==> flow/design.v <==
module alu_storage #(
    parameter ENTRIES = 48,
    parameter XLEN = 12,
    parameter ABITS = $clog2(ENTRIES)
) (
    input  wire core_clk,
    input  wire i_rst_n,
    input  wire [ABITS-1:0] address_in,
    input  wire wr_en_in,
    input  wire [XLEN-1:0] wdata_in,
    output reg [XLEN-1:0] read_data_out
);
    reg [ABITS-1:0] r_address;
    always @(posedge core_clk or negedge i_rst_n) begin
        if (!i_rst_n) begin
            r_address <= 0;
        end else begin
            r_address <= address_in;
        end
    end
    reg r_wr_en;
    always @(posedge core_clk or negedge i_rst_n) begin
        if (!i_rst_n) begin
            r_wr_en <= 1'b0;
        end else begin
            r_wr_en <= wr_en_in;
        end
    end
    reg [XLEN-1:0] r_wdata;
    always @(posedge core_clk or negedge i_rst_n) begin
        if (!i_rst_n) begin
            r_wdata <= 0;
        end else begin
            r_wdata <= wdata_in;
        end
    end
    reg [XLEN-1:0] bank [ENTRIES-1:0];
    always @(posedge core_clk)
        if (r_wr_en) bank[r_address] <= r_wdata;
    always @(posedge core_clk or negedge i_rst_n) begin
        if (!i_rst_n) begin
            read_data_out <= 0;
        end else begin
            read_data_out <= r_wr_en ? r_wdata : bank[r_address];
        end
    end
endmodule
# Reports on alu_storage
# What the tools print for alu_storage, step after step.
# Lines are those of the file above, counted from 1.
# Cell names lack the library's common part.
# The mark -- stands for no value.
[inputs]
top_module = "alu_storage"
clock_port = "core_clk"
library = "sky130hd"
corner = "tt_025C_1v80"

# Word-level counts
# Yosys after proc, flatten, opt, wreduce and memory -nomap, before mapping. Enables and synchronous resets that opt folds into registers are not counted as muxes. Memory bits, and registers merged into a memory's read port (data or address), are not among the register bits. Print and check cells are not counted. Equal cells are merged and count once.
# Yosys's memory passes give these memory sizes; they may raise the number of words (mostly to a power of two), join words into wider ones and drop unused or constant bits.
[classes]
muxes = 3
reduce_logical = 1
[ops]
columns = ["op", "count"]
rows = [
  ["2-to-1 mux 12 bit", 1],
  ["2-to-1 mux 6 bit", 1],
  ["zero test 1 bit", 1],
  ["2-to-1 mux 1 bit", 1],
]
[bits]
memories = 1
inputBits = 21
clocked_rd_ports_x_width = 12
reg_bits = 19
wordCells = 8
output_inout_bits = 12
ram_bits = 576
[memory_table]
columns = ["memory", "words", "width", "rd", "write_ports", "line", "rtl"]
rows = [
  ["bank", 48, 12, 1, 1, 37, "reg [XLEN-1:0] bank [ENTRIES-1:0];"],
]

# Longest topological paths
# Longest topological path by Yosys (ltp), each cell counted once; first at word level (registers and memories cut), then after technology mapping (sequential cells cut; the memories' decode and read muxes count).
[depth]
word_depth = 1
ABC_AREA = 0
mapped_depth = 9
mapped_depth_nobuf = 5

# Synthesis result
# Yosys stat after the flow's synthesis: flattened, memories mapped to cells. It holds for the ABC_AREA given above (unset counts as 0); a run with the other value may have another netlist.
[by_type]
columns = ["cell", "count", "type_area_um2"]
rows = [
  ["edfxtp_1", 576, 1.73E+04],
  ["mux4_2", 46, 1.04E+03],
  ["dfrtp_1", 31, 775.744],
  ["mux2_2", 54, 608.083],
  ["mux2i_1", 52, 520.499],
  ["a221oi_1", 56, 490.47],
  ["nor2_1", 75, 281.52],
  ["a22oi_1", 34, 255.245],
  ["nand2_1", 52, 195.187],
  ["buf_2", 32, 160.154],
  ["buf_4", 17, 127.622],
  ["a21oi_1", 22, 110.106],
  ["nor2b_1", 16, 100.096],
  ["buf_6", 8, 90.086],
  ["a221o_1", 8, 80.077],
  ["clkbuf_1", 21, 78.826],
  ["o21ai_0", 15, 75.072],
  ["a32oi_1", 8, 70.067],
]
# Not listed: further types 44, cells in them 160.
[mapped]
seq_area_um2 = 18072.3
flip_flops = 607
yosys_area_um2 = 23541.3
stdcells = 1283
buf_cells = 82

# Worst setup path after synthesis
# Source: OpenSTA report_checks on the synthesized netlist (no wires, ideal clock, input and output delay 20% of the period each), path of least setup slack; recovery checks are left aside. Register names are those of the netlist, which keeps one name where synthesis merged equal registers.
[synth_timing]
path_type = "register to register"
start = "register r_address[2]"
end = "memory bank[40][0]"
delay_ps = 2354
n_path_buf = 4
required_ps = 2560
tclk_ps = 2940
arrival_time_ps = 1974
driving_pins = 8
setup_ps = 380
slack_ps = 586
t_first_pin_ps = 0
synth_period_reached_ps = 2354
# "delay_ps" = arrival - input delay + setup time.
# "driving_pins" counts driving pins, that of a launching flip-flop among them; a cell with two outputs on the path counts twice.
# "synth_period_reached_ps" is the clock period less the worst setup slack; recovery checks do not enter. This is arithmetic on one report: input and output delays are still those of the set period (20% each).
# The rows between start and end are the longest chain of elaborated cells between them; the timing report does not say that the signal goes this way. Where chains are equally long, one stands for them.
# Each line given opens the expression or statement behind the cell; cells for indexed reads and writes are added by Yosys, which also makes memories of some case tables.
[synth_between]
path_cell_list = "dfrtp_1 -> buf_6 -> buf_6 -> inv_1 -> buf_2 -> buf_1 -> nand2_1 -> nor2_1"
elab_chain_cells = 1
cone_cells = 1
lines_between = 1
cone_classes = "1 x mux"
[synth_lines]
columns = ["element", "line", "rtl"]
rows = [
  ["start: declaration", 13, "reg [ABITS-1:0] r_address;"],
  ["start: assignment", 16, "r_address <= 0;"],
  ["start: assignment", 18, "r_address <= address_in;"],
  ["2-to-1 mux 6 bit", 39, "if (r_wr_en) bank[r_address] <= r_wdata;"],
  ["end: declaration", 37, "reg [XLEN-1:0] bank [ENTRIES-1:0];"],
]

# Path in the finished layout
# From the final timing report of run 1: the path of least setup slack in the routed layout; clock arrival at registers is part of the times.
# The path's times are printed in steps of 10 ps; the period is the one set.
[layout_timing]
path_type = "register to register"
start = "register r_address[1]"
end = "register read_data_out[2]"
required_ps = 3470
driving_pins = 7
arrival_time_ps = 3390
tclk_ps = 2940
n_path_buf = 1
t_first_pin_ps = 600
slack_ps = 80
setup_ps = 80
[layout_between]
path_cell_list = "dfrtp_4 -> buf_4 -> nand2b_1 -> a211oi_1 -> a2111oi_1 -> nor3_1 -> a41oi_1"
[layout_lines]
columns = ["element", "line", "rtl"]
rows = [
  ["start: declaration", 13, "reg [ABITS-1:0] r_address;"],
  ["start: assignment", 16, "r_address <= 0;"],
  ["start: assignment", 18, "r_address <= address_in;"],
  ["end: declaration", 11, "output reg [XLEN-1:0] read_data_out"],
]
# No chain of elaborated cells between the ends is given.

# Measured data: module alu_storage, platform sky130hd, 3 stored runs of the flow under differing settings, order arbitrary. Input and output delays are each 20% of the period that was set; the output load is 0.01 pF.
# "achievedPeriod_ps" means the clock period less the worst setup slack. The figure is calculated, with input and output delays left at 20% of the set period.
# "worst_path_time_ps" means the part of the period allowed to the worst setup path (the constraints hold back 20% at inputs and 20% at outputs) less its slack; where the path has registers, the arrival times of their clocks count too.
# "power_total_w" rests on the timing tool's default activity at the inputs, not on a simulated workload.
# "worst_path_time_ps" is given in steps of 10 ps.

[[run]]
name = "run 1"
[run.settings]
period_ns = 2.94
CAP_MARGIN = 20
CORE_MARGIN = 2
CORE_UTILIZATION = 40
SLEW_MARGIN = 20
[run.results]
final_die_area_um2 = 60809.1
tns_ps = 0
final_stdcell_area_um2 = 27595.2
synthesis_area_um2 = 23541.3
fin_util_pct = 47.6
fin_ws_ps = 81
worst_path_time_ps = 2860
critical_path_type = "register to register"
achievedPeriod_ps = 2859
power_total_w = 0.018439

[[run]]
name = "run 2"
[run.settings]
period_ns = 2.56
CORE_UTILIZATION = 65
SETUP_SLACK_MARGIN = 0.36
PLACE_DENSITY_LB_ADDON = 0.21
GPL_TIMING_DRIVEN = 0
GPL_ROUTABILITY_DRIVEN = 1
MAX_ROUTING_LAYER = "met4"
CAP_MARGIN = 20
CORE_MARGIN = 2
SLEW_MARGIN = 20
[run.results]
final_die_area_um2 = 37756.4
tns_ps = -1708
final_stdcell_area_um2 = 30574.3
synthesis_area_um2 = 23541.3
fin_util_pct = 85.7
fin_ws_ps = -344
worst_path_time_ps = 2900
critical_path_type = "register to register"
achievedPeriod_ps = 2904
power_total_w = 0.021886

[[run]]
name = "run 3"
[run.settings]
period_ns = 3.2
CORE_UTILIZATION = 23
SETUP_SLACK_MARGIN = 0.77
PLACE_DENSITY_LB_ADDON = 0.01
HOLD_SLACK_MARGIN = 0.13
CORE_ASPECT_RATIO = 1.81
CELL_PAD_IN_SITES_GLOBAL_PLACEMENT = 1
CELL_PAD_IN_SITES_DETAIL_PLACEMENT = 2
TNS_END_PERCENT = 40
ABC_AREA = 1
GPL_ROUTABILITY_DRIVEN = 0
CTS_CLUSTER_SIZE = 57
SLEW_MARGIN = 15
MIN_ROUTING_LAYER = "met2"
MAX_ROUTING_LAYER = "met5"
CAP_MARGIN = 20
CORE_MARGIN = 2
[run.results]
final_die_area_um2 = 114749.0
tns_ps = 0
final_stdcell_area_um2 = 31230.0
synthesis_area_um2 = 25745.9
fin_util_pct = 28.1
fin_ws_ps = 734
worst_path_time_ps = 2470
critical_path_type = "register to register"
achievedPeriod_ps = 2466
power_total_w = 0.018574
